==> flow/design.v <==
module sum_block_n #(
  parameter XLEN = 10
) (
  input logic clk,
  input logic rst_n,
  input logic [XLEN-1:0] rs1,
  input logic [XLEN-1:0] rs2,
  input logic c0,
  output logic [XLEN-1:0] s,
  output logic co
);
  logic [XLEN-1:0] rs1_reg;
  logic [XLEN-1:0] rs2_reg;
  logic c0_reg;
  logic [XLEN-1:0] tmp;
  logic cy;
  always_comb begin
    cy = c0_reg;
    for (int i = 0; i < XLEN; i++) begin
      tmp[i] = rs1_reg[i] ^ rs2_reg[i] ^ cy;
      cy = (rs1_reg[i] & rs2_reg[i]) | (cy & (rs1_reg[i] | rs2_reg[i]));
    end
  end
  assign s = tmp;
  assign co = cy;
  always_ff @(posedge clk) begin
    if (~rst_n) begin
      rs1_reg <= '0;
      rs2_reg <= '0;
      c0_reg <= 1'b0;
    end else begin
      rs1_reg <= rs1;
      rs2_reg <= rs2;
      c0_reg <= c0;
    end
  end
endmodule
## From RTL to reports: sum_block_n

The steps from the RTL of sum_block_n to its reports follow in flow order.
Line numbers count from 1 in the design file above.
Operators carry their Yosys type and port widths (W data, S select, Z words).
Cell names lack the library's common part.
Not given: -

| set-up | value |
|---|---|
| top | sum_block_n |
| clock port | clk |
| standard-cell library | sky130hd |
| library corner | tt_025C_1v80 |

## Word level

Counts by Yosys on the flattened word-level netlist (proc, flatten, opt, wreduce; memories kept). Register bits leave out memories and registers merged into their read ports (data or address); mux counts leave out enables and synchronous resets folded into registers. Print and check cells are left out. Cells with the same type and inputs are merged into one.

| bit counts | value |
|---|---|
| bits in registers | 21 |
| input bits | 23 |
| output and inout bits | 11 |

| operators by class | value |
|---|---|
| bitwise gates (word level) | 60 |

Operator list:

| operator | count |
|---|---|
| $and A1 B1 Y1 | 20 |
| $or A1 B1 Y1 | 20 |
| $xor A1 B1 Y1 | 20 |

## Depth

Longest topological path by Yosys (ltp), each cell counted once; first at word level (registers and memories cut), then after technology mapping (sequential cells cut; the memories' decode and read muxes count).

| logic depth | value |
|---|---|
| depth in word-level cells | 21 |
| ABC_AREA | 0 |
| mapped depth | 14 |
| mapped depth without buffers | 14 |

## After synthesis

Yosys stat after the flow's synthesis: flattened, memories mapped to cells. It holds for the ABC_AREA given above (unset counts as 0); a run with the other value may have another netlist.
The area totals of this step are shown rounded.

Cell types:

| type | count |
|---|---|
| dfxtp_1 | 21 |
| fa_1 | 10 |
| and2_2 | 15 |
| and2_1 | 6 |
| inv_1 | 10 |
| buf_6 | 2 |

| mapped netlist | value |
|---|---|
| cells in the netlist | 64 |
| synthesis area | 0.00083 mm2 |
| flip-flop cells | 21 |

## Path before layout

OpenSTA on the mapped netlist: ideal clock, no wires. The path of least setup slack (recovery checks aside). Input and output delay are each 20% of the period. Register names are those of the netlist, which keeps one name where synthesis merged equal registers.

| timing post-synthesis | value |
|---|---|
| path type | register to output |
| start point | register rs1_reg[0] |
| end point | output port s[9] |
| period | 6.45 ns |
| output delay | 1.290 ns |
| time at the first pin | 0.000 ns |
| arrival | 4.130 ns |
| slack | 1.030 ns |
| path delay | 4.130 ns |
| driving pins on the path | 15 |
| synthesis period reached | 5.42 ns |

"path delay" is the arrival time less input delay plus setup time.
At an output port there is no setup time.
"driving pins on the path" counts driving pins, that of a launching flip-flop among them; a cell with two outputs on the path counts twice.
"synthesis period reached" is the clock period less the worst setup slack; recovery checks do not enter. This is arithmetic on one report: input and output delays are still those of the set period (20% each).
The rows between start and end are the longest chain of elaborated cells between them; the timing report does not say that the signal goes this way. Where chains are equally long, one stands for them.
Each line given opens the expression or statement behind the cell; cells for indexed reads and writes are added by Yosys, which also makes memories of some case tables.

| between the ends, post-synthesis | value |
|---|---|
| cells stage by stage | dfxtp_1 fa_1 fa_1 fa_1 fa_1 fa_1 fa_1 fa_1 inv_1 fa_1 inv_1 fa_1 inv_1 fa_1 inv_1 |
| cells in the longest elaborated chain | 20 |
| elaborated cells between the ends (all ways) | 21 |
| RTL lines with such cells | 2 |
| classes of those cells | logic (21) |

RTL lines, path post-synthesis:

| element | RTL line | source |
|---|---|---|
| start, declared | 12 | `logic [XLEN-1:0] rs1_reg;` |
| start, assigned | 28 | `rs1_reg <= '0;` |
| start, assigned | 32 | `rs1_reg <= rs1;` |
| $or A1 B1 Y1 | 21 | `cy = (rs1_reg[i] & rs2_reg[i]) \| (cy & (rs1_reg[i] \| rs2_reg[i]));` |
| $and A1 B1 Y1 | 21 |  |
| $or A1 B1 Y1 | 21 |  |
| $and A1 B1 Y1 | 21 |  |
| $or A1 B1 Y1 | 21 |  |
| $and A1 B1 Y1 | 21 |  |
| $or A1 B1 Y1 | 21 |  |
| [6 not listed] | - |  |
| $and A1 B1 Y1 | 21 |  |
| $or A1 B1 Y1 | 21 |  |
| $and A1 B1 Y1 | 21 |  |
| $or A1 B1 Y1 | 21 |  |
| $and A1 B1 Y1 | 21 |  |
| $or A1 B1 Y1 | 21 |  |
| $xor A1 B1 Y1 | 20 | `tmp[i] = rs1_reg[i] ^ rs2_reg[i] ^ cy;` |
| end, declared | 9 | `output logic [XLEN-1:0] s,` |

## Timing after layout

From the final timing report of run A: the path of least setup slack in the routed layout; clock arrival at registers is part of the times.

| timing post-layout | value |
|---|---|
| path type | register to output |
| start point | register rs1_reg[0] |
| end point | output port s[9] |
| period | 5.69 ns |
| output delay | 1.14 ns |
| time at the first pin | 0.25 ns |
| arrival | 4.38 ns |
| slack | 0.17 ns |
| driving pins on the path | 16 |

The rows between start and end are the longest chain of elaborated cells between them; the timing report does not say that the signal goes this way. Where chains are equally long, one stands for them.

| between the ends, post-layout | value |
|---|---|
| cells stage by stage | dfxtp_2 fa_2 fa_2 fa_2 fa_2 fa_2 fa_2 fa_2 inv_2 fa_2 inv_1 fa_1 inv_1 fa_1 inv_1 buf_2 |
| cells in the longest elaborated chain | 20 |
| elaborated cells between the ends (all ways) | 21 |
| RTL lines with such cells | 2 |
| classes of those cells | logic (21) |

RTL lines, path post-layout:

| element | RTL line | source |
|---|---|---|
| start, declared | 12 | `logic [XLEN-1:0] rs1_reg;` |
| start, assigned | 28 | `rs1_reg <= '0;` |
| start, assigned | 32 | `rs1_reg <= rs1;` |
| $or A1 B1 Y1 | 21 | `cy = (rs1_reg[i] & rs2_reg[i]) \| (cy & (rs1_reg[i] \| rs2_reg[i]));` |
| $and A1 B1 Y1 | 21 |  |
| $or A1 B1 Y1 | 21 |  |
| $and A1 B1 Y1 | 21 |  |
| $or A1 B1 Y1 | 21 |  |
| $and A1 B1 Y1 | 21 |  |
| $or A1 B1 Y1 | 21 |  |
| [6 not listed] | - |  |
| $and A1 B1 Y1 | 21 |  |
| $or A1 B1 Y1 | 21 |  |
| $and A1 B1 Y1 | 21 |  |
| $or A1 B1 Y1 | 21 |  |
| $and A1 B1 Y1 | 21 |  |
| $or A1 B1 Y1 | 21 |  |
| $xor A1 B1 Y1 | 20 | `tmp[i] = rs1_reg[i] ^ rs2_reg[i] ^ cy;` |
| end, declared | 9 | `output logic [XLEN-1:0] s,` |

Memo
Re: implementation data of sum_block_n

3 stored runs of sum_block_n in the flow (synthesis by Yosys, layout by OpenROAD, sky130hd cells), in arbitrary order. Constraints: input delay and output delay 20% of the set period each, output load 0.01 pF.
"period reached" is the run's clock period less its worst setup slack. It is reckoned from that one timing run; input and output delays stay at 20% of the period that was set.
"time used up by the worst setup path": the worst setup path's part of the clock period (all of it between registers, 20% less for each end at a port) less its slack. A launch clock that arrives late makes it longer, a capture clock that arrives late makes it shorter.
"total power of the final layout": no workload was simulated; the value follows from the tool's default switching activity.
Measured values are rounded.

## Run A

==> flow/run.sh <==
#!/bin/bash
# the make line also repeats the synthesis and layout settings of config.mk as NAME=value (left out here)
make -C /OpenROAD-flow-scripts/flow DESIGN_CONFIG=/design/flow/config.mk WORK_HOME=/design/flow/orfs CLKGATE_MAP_FILE= finish
==> flow/config.mk <==
export PLATFORM = sky130hd
export DESIGN_NAME = sum_block_n
export DESIGN_NICKNAME = sum_block_n
export VERILOG_FILES = /design/flow/design.v
export SDC_FILE = /design/flow/constraint.sdc
export NUM_CORES = 4
export LEC_CHECK = 0
export CAP_MARGIN = 20
export CORE_MARGIN = 3
export CORE_UTILIZATION = 17
export CTS_CLUSTER_DIAMETER = 57
export CTS_CLUSTER_SIZE = 51
export SLEW_MARGIN = 20
export TNS_END_PERCENT = 5
==> flow/constraint.sdc <==
create_clock -name core_clock -period 5.69 [get_ports {clk}]
set_input_delay 1.1380 -clock core_clock [delete_from_list [all_inputs] [get_ports {clk}]]
set_output_delay 1.1380 -clock core_clock [all_outputs]
set_load 0.01 [all_outputs]

| result of run A | value |
|---|---|
| setup slack of the worst path | 0.17 ns |
| total power of the final layout | 0.00032 W |
| period reached | 5.516 ns |
| summed negative setup slack | 0.000 ns |
| area inside the die boundary | 0.0058 mm2 |
| utilization in the final report | 28 % |
| netlist area reported by Yosys | 0.00083 mm2 |
| time used up by the worst setup path | 4.38 ns |
| critical path kind | register to output |
| worst hold slack in the final report | 1.5 ns |
| standard-cell area after routing | 0.0013 mm2 |

## Run B

==> flow/run.sh <==
#!/bin/bash
# the make line also repeats the synthesis and layout settings of config.mk as NAME=value (left out here)
make -C /OpenROAD-flow-scripts/flow DESIGN_CONFIG=/design/flow/config.mk WORK_HOME=/design/flow/orfs CLKGATE_MAP_FILE= finish
==> flow/config.mk <==
export PLATFORM = sky130hd
export DESIGN_NAME = sum_block_n
export DESIGN_NICKNAME = sum_block_n
export VERILOG_FILES = /design/flow/design.v
export SDC_FILE = /design/flow/constraint.sdc
export NUM_CORES = 4
export LEC_CHECK = 0
export CAP_MARGIN = 20
export CELL_PAD_IN_SITES_DETAIL_PLACEMENT = 2
export CORE_ASPECT_RATIO = 0.69
export CORE_MARGIN = 2
export CORE_UTILIZATION = 33
export CTS_CLUSTER_DIAMETER = 144
export CTS_CLUSTER_SIZE = 85
export GPL_ROUTABILITY_DRIVEN = 1
export MIN_ROUTING_LAYER = met1
export PLACE_DENSITY = 0.81
export SLEW_MARGIN = 40
==> flow/constraint.sdc <==
create_clock -name core_clock -period 7.59 [get_ports {clk}]
set_input_delay 1.5180 -clock core_clock [delete_from_list [all_inputs] [get_ports {clk}]]
set_output_delay 1.5180 -clock core_clock [all_outputs]
set_load 0.01 [all_outputs]

| result of run B | value |
|---|---|
| setup slack of the worst path | 0.85 ns |
| total power of the final layout | 0.00022 W |
| period reached | 6.742 ns |
| summed negative setup slack | 0.000 ns |
| area inside the die boundary | 0.0029 mm2 |
| utilization in the final report | 49 % |
| netlist area reported by Yosys | 0.00083 mm2 |
| time used up by the worst setup path | 5.22 ns |
| critical path kind | register to output |
| worst hold slack in the final report | 1.8 ns |
| standard-cell area after routing | 0.0012 mm2 |

## Run C

==> flow/run.sh <==
#!/bin/bash
# the make line also repeats the synthesis and layout settings of config.mk as NAME=value (left out here)
make -C /OpenROAD-flow-scripts/flow DESIGN_CONFIG=/design/flow/config.mk WORK_HOME=/design/flow/orfs CLKGATE_MAP_FILE= finish
==> flow/config.mk <==
export PLATFORM = sky130hd
export DESIGN_NAME = sum_block_n
export DESIGN_NICKNAME = sum_block_n
export VERILOG_FILES = /design/flow/design.v
export SDC_FILE = /design/flow/constraint.sdc
export NUM_CORES = 4
export LEC_CHECK = 0
export CAP_MARGIN = 20
export CORE_MARGIN = 2
export CORE_UTILIZATION = 40
export SLEW_MARGIN = 20
==> flow/constraint.sdc <==
create_clock -name core_clock -period 6.45 [get_ports {clk}]
set_input_delay 1.2900 -clock core_clock [delete_from_list [all_inputs] [get_ports {clk}]]
set_output_delay 1.2900 -clock core_clock [all_outputs]
set_load 0.01 [all_outputs]

| result of run C | value |
|---|---|
| setup slack of the worst path | 0.47 ns |
| total power of the final layout | 0.00025 W |
| period reached | 5.980 ns |
| summed negative setup slack | 0.000 ns |
| area inside the die boundary | 0.0025 mm2 |
| utilization in the final report | 61 % |
| netlist area reported by Yosys | 0.00083 mm2 |
| time used up by the worst setup path | 4.69 ns |
| critical path kind | register to output |
| worst hold slack in the final report | 1.6 ns |
| standard-cell area after routing | 0.0012 mm2 |
